==> flow/design.v <==
module subtractor #(
  parameter int NBITS = 72
) (
  input logic clk_i,
  input logic clr,
  input logic [NBITS-1:0] da,
  input logic [NBITS-1:0] db,
  output logic [NBITS-1:0] d
);
  always_ff @(posedge clk_i) begin
    if (clr) begin
      d <= 0;
    end else begin
      d <= (da > db) ? da - db : db - da;
    end
  end
endmodule
Tool chain data of subtractor
What the tools print for subtractor, step after step.
Line numbers count from 1 in the design file above.
Operators carry their Yosys type and port widths (W data, S select, Z words).
Library cell names are shortened.
{"block": "design", "top": "subtractor", "clock_port": "clk_i", "lib": "sky130hd", "corner": "tt_025C_1v80"}

Word-level counts
Counts by Yosys on the flattened word-level netlist (proc, flatten, opt, wreduce; memories kept). Register bits leave out memories and registers merged into their read ports (data or address); mux counts leave out enables and synchronous resets folded into registers. Print and check cells are left out. Cells with the same type and inputs are merged into one.
{"block": "bits", "ff_bits": 72, "in_bits": 146}
{"block": "op_classes", "addsub": 2, "cmp": 1, "n_mux": 1}
{"block": "op_table", "operator": "$sub A72 B72 Y72", "n": 2}
{"block": "op_table", "operator": "$gt A72 B72 Y1", "n": 1}
{"block": "op_table", "operator": "$mux W72", "n": 1}

Logic depth
Yosys ltp: most cells in a row. Word level: on the elaborated netlist, between registers, memories and ports. Mapped: between sequential cells and ports; inverters and the memories' decode and read muxes count.
{"block": "logic_depth", "word_depth": 2, "ABC_AREA": 0, "depth_mapped": 17}

After synthesis
Yosys stat after the flow's synthesis: flattened, memories mapped to cells. It holds for the ABC_AREA given above (unset counts as 0); a run with the other value may have another netlist.
Totals and module areas in this step are rounded.
{"block": "synth_totals", "mapped_area_um2": 11000, "flip_flops": 72, "cell_count": 1607}
{"block": "types", "type": "ha_1", "n": 143, "area_total_um2": 1.79E+03}
{"block": "types", "type": "dfxtp_1", "n": 72, "area_total_um2": 1.44E+03}
{"block": "types", "type": "a21oi_1", "n": 240, "area_total_um2": 1.2E+03}
{"block": "types", "type": "inv_1", "n": 176, "area_total_um2": 660.634}
{"block": "types", "type": "nor2_1", "n": 166, "area_total_um2": 623.098}
{"block": "types", "type": "o21ai_0", "n": 115, "area_total_um2": 575.552}
{"block": "types", "type": "nand2_1", "n": 115, "area_total_um2": 431.664}
{"block": "types", "type": "a21o_1", "n": 54, "area_total_um2": 405.389}
{"block": "types", "type": "o21bai_1", "n": 43, "area_total_um2": 322.81}
{"block": "types", "type": "mux2i_1", "n": 30, "area_total_um2": 300.288}
{"block": "types", "type": "xnor2_1", "n": 33, "area_total_um2": 289.027}
{"block": "types", "type": "nand4_1", "n": 45, "area_total_um2": 281.52}
{"block": "types", "type": "buf_2", "n": 35, "area_total_um2": 175.168}
{"block": "types", "type": "clkbuf_1", "n": 38, "area_total_um2": 142.637}
{"block": "types", "type": "mux2_2", "n": 12, "area_total_um2": 135.13}
{"block": "types", "type": "nor3_1", "n": 25, "area_total_um2": 125.12}
{"block": "types", "type": "o211ai_1", "n": 16, "area_total_um2": 120.115}
{"block": "types", "type": "a221oi_1", "n": 13, "area_total_um2": 113.859}
Other cell types: 55; their cells: 236.

Path before layout
Source: OpenSTA report_checks on the synthesized netlist (no wires, ideal clock, input and output delay 20% of the period each), path of least setup slack; recovery checks are left aside. Register names are those of the netlist, which keeps one name where synthesis merged equal registers.
{"block": "synth_timing", "path_type": "input -> register", "start": "in da[23]", "end": "reg d[70]", "stages": 14, "clock_period_ns": 4.64, "setup_slack_ns": 0.743, "t_first_pin_ns": 0.928, "t_arrival_ns": 3.774, "n_path_buf": 2, "delay_ns": 2.969, "synth_period_reached_ns": 3.897}
"delay_ns" = arrival - input delay + setup time.
"stages" counts driving pins, that of a launching flip-flop among them; a cell with two outputs on the path counts twice.
"synth_period_reached_ns" = period - worst setup slack (recovery checks aside). The figure is calculated, with input and output delays left at 20% of the set period.
Between the ends stands the longest chain of elaborated cells between them, by number of cells; it is not shown to be the way that was timed. Of several equally long chains one is given.
Each line given opens the expression or statement behind the cell; cells for indexed reads and writes are added by Yosys, which also makes memories of some case tables.
{"block": "synth_via", "cell_sequence": "inv_1 ha_1 buf_2 a21oi_1 o21ai_1 a21o_1 a221o_1 a211oi_2 a211oi_4 and2_4 buf_6 or4_1 o211ai_2 mux2_1", "elab_chain_len": 2, "cone_cells": 4, "cone_lines": 1, "cone_classes": "add/sub: 2; compare: 1; mux: 1"}
{"block": "synth_lines", "element": "start: declaration", "line": 6, "source": "input logic [NBITS-1:0] da,"}
{"block": "synth_lines", "element": "$sub A72 B72 Y72", "line": 14, "source": "d <= (da > db) ? da - db : db - da;"}
{"block": "synth_lines", "element": "$mux W72", "line": 14}
{"block": "synth_lines", "element": "end: assignment", "line": 12, "source": "d <= 0;"}
{"block": "synth_lines", "element": "end: assignment", "line": 14}
{"block": "synth_lines", "element": "end: declaration", "line": 8, "source": "output logic [NBITS-1:0] d"}

Path in the finished layout
Path of least setup slack in the final report of run A (OpenROAD, finished layout, wires in). Where an end is a register, its clock arrival counts in the times.
{"block": "layout_timing", "path_type": "input -> register", "start": "in da[37]", "end": "reg d[70]", "clock_period_ns": 4.64, "setup_slack_ns": 0.23, "t_arrival_ns": 4.65, "stages": 14, "n_path_buf": 2, "t_first_pin_ns": 0.93}
Between the ends stands the longest chain of elaborated cells between them, by number of cells; it is not shown to be the way that was timed. Of several equally long chains one is given.
{"block": "layout_via", "cell_sequence": "clkdlybuf4s50_1 inv_1 ha_1 nand2_1 nor3_1 nand2_1 buf_4 o211ai_1 nor2_1 a211o_1 a2111oi_0 o21ai_0 o211ai_2 mux2_1", "elab_chain_len": 2, "cone_cells": 4, "cone_lines": 1, "cone_classes": "add/sub: 2; compare: 1; mux: 1"}
{"block": "layout_lines", "element": "start: declaration", "line": 6, "source": "input logic [NBITS-1:0] da,"}
{"block": "layout_lines", "element": "$sub A72 B72 Y72", "line": 14, "source": "d <= (da > db) ? da - db : db - da;"}
{"block": "layout_lines", "element": "$mux W72", "line": 14}
{"block": "layout_lines", "element": "end: assignment", "line": 12, "source": "d <= 0;"}
{"block": "layout_lines", "element": "end: assignment", "line": 14}
{"block": "layout_lines", "element": "end: declaration", "line": 8, "source": "output logic [NBITS-1:0] d"}

Ticket comment

subtractor through Yosys and OpenROAD on sky130hd: 2 stored runs, unordered, with their settings and measured results. The constraints put input and output delay at 20% of the set period each and load the outputs with 0.01 pF.
"achieved_clock_period_ns" means the clock period less the worst setup slack. The figure is calculated, with input and output delays left at 20% of the set period.
"worst_path_ns": the worst setup path's part of the clock period (all of it between registers, 20% less for each end at a port) less its slack. A launch clock that arrives late makes it longer, a capture clock that arrives late makes it shorter.
"totalPower_w" rests on the timing tool's default activity at the inputs, not on a simulated workload.
Results are given in rounded form.

{"run": "run A", "settings": { "period_ns": 4.64, "CAP_MARGIN": 20, "CORE_MARGIN": 2, "CORE_UTILIZATION": 40, "SLEW_MARGIN": 20 }, "results": { "finish.utilization_frac": 0.569, "totalPower_w": 0.00365, "achieved_clock_period_ns": 4.410, "synthArea_um2": 11000, "final_stdcell_area_um2": 15300, "total_die_area_um2": 28800, "worst_path_ns": 3.48, "critical_path_type": "input -> register", "timing.hold.ws_ns": 1.07, "setup_ws_ns": 0.230, "timing.setup.tns_ns": 0.000 }}
{"run": "run B", "settings": { "period_ns": 4.26, "CORE_UTILIZATION": 65, "SETUP_SLACK_MARGIN": 0.98, "PLACE_DENSITY_LB_ADDON": 0.14, "HOLD_SLACK_MARGIN": 0.18, "CELL_PAD_IN_SITES_GLOBAL_PLACEMENT": 0, "CELL_PAD_IN_SITES_DETAIL_PLACEMENT": 0, "TNS_END_PERCENT": 25, "GPL_TIMING_DRIVEN": 1, "SLEW_MARGIN": 5, "MAX_ROUTING_LAYER": "met4", "CAP_MARGIN": 20, "CORE_MARGIN": 2 }, "outcome": "incomplete, clock tree synthesis halted on DPL-0038"}
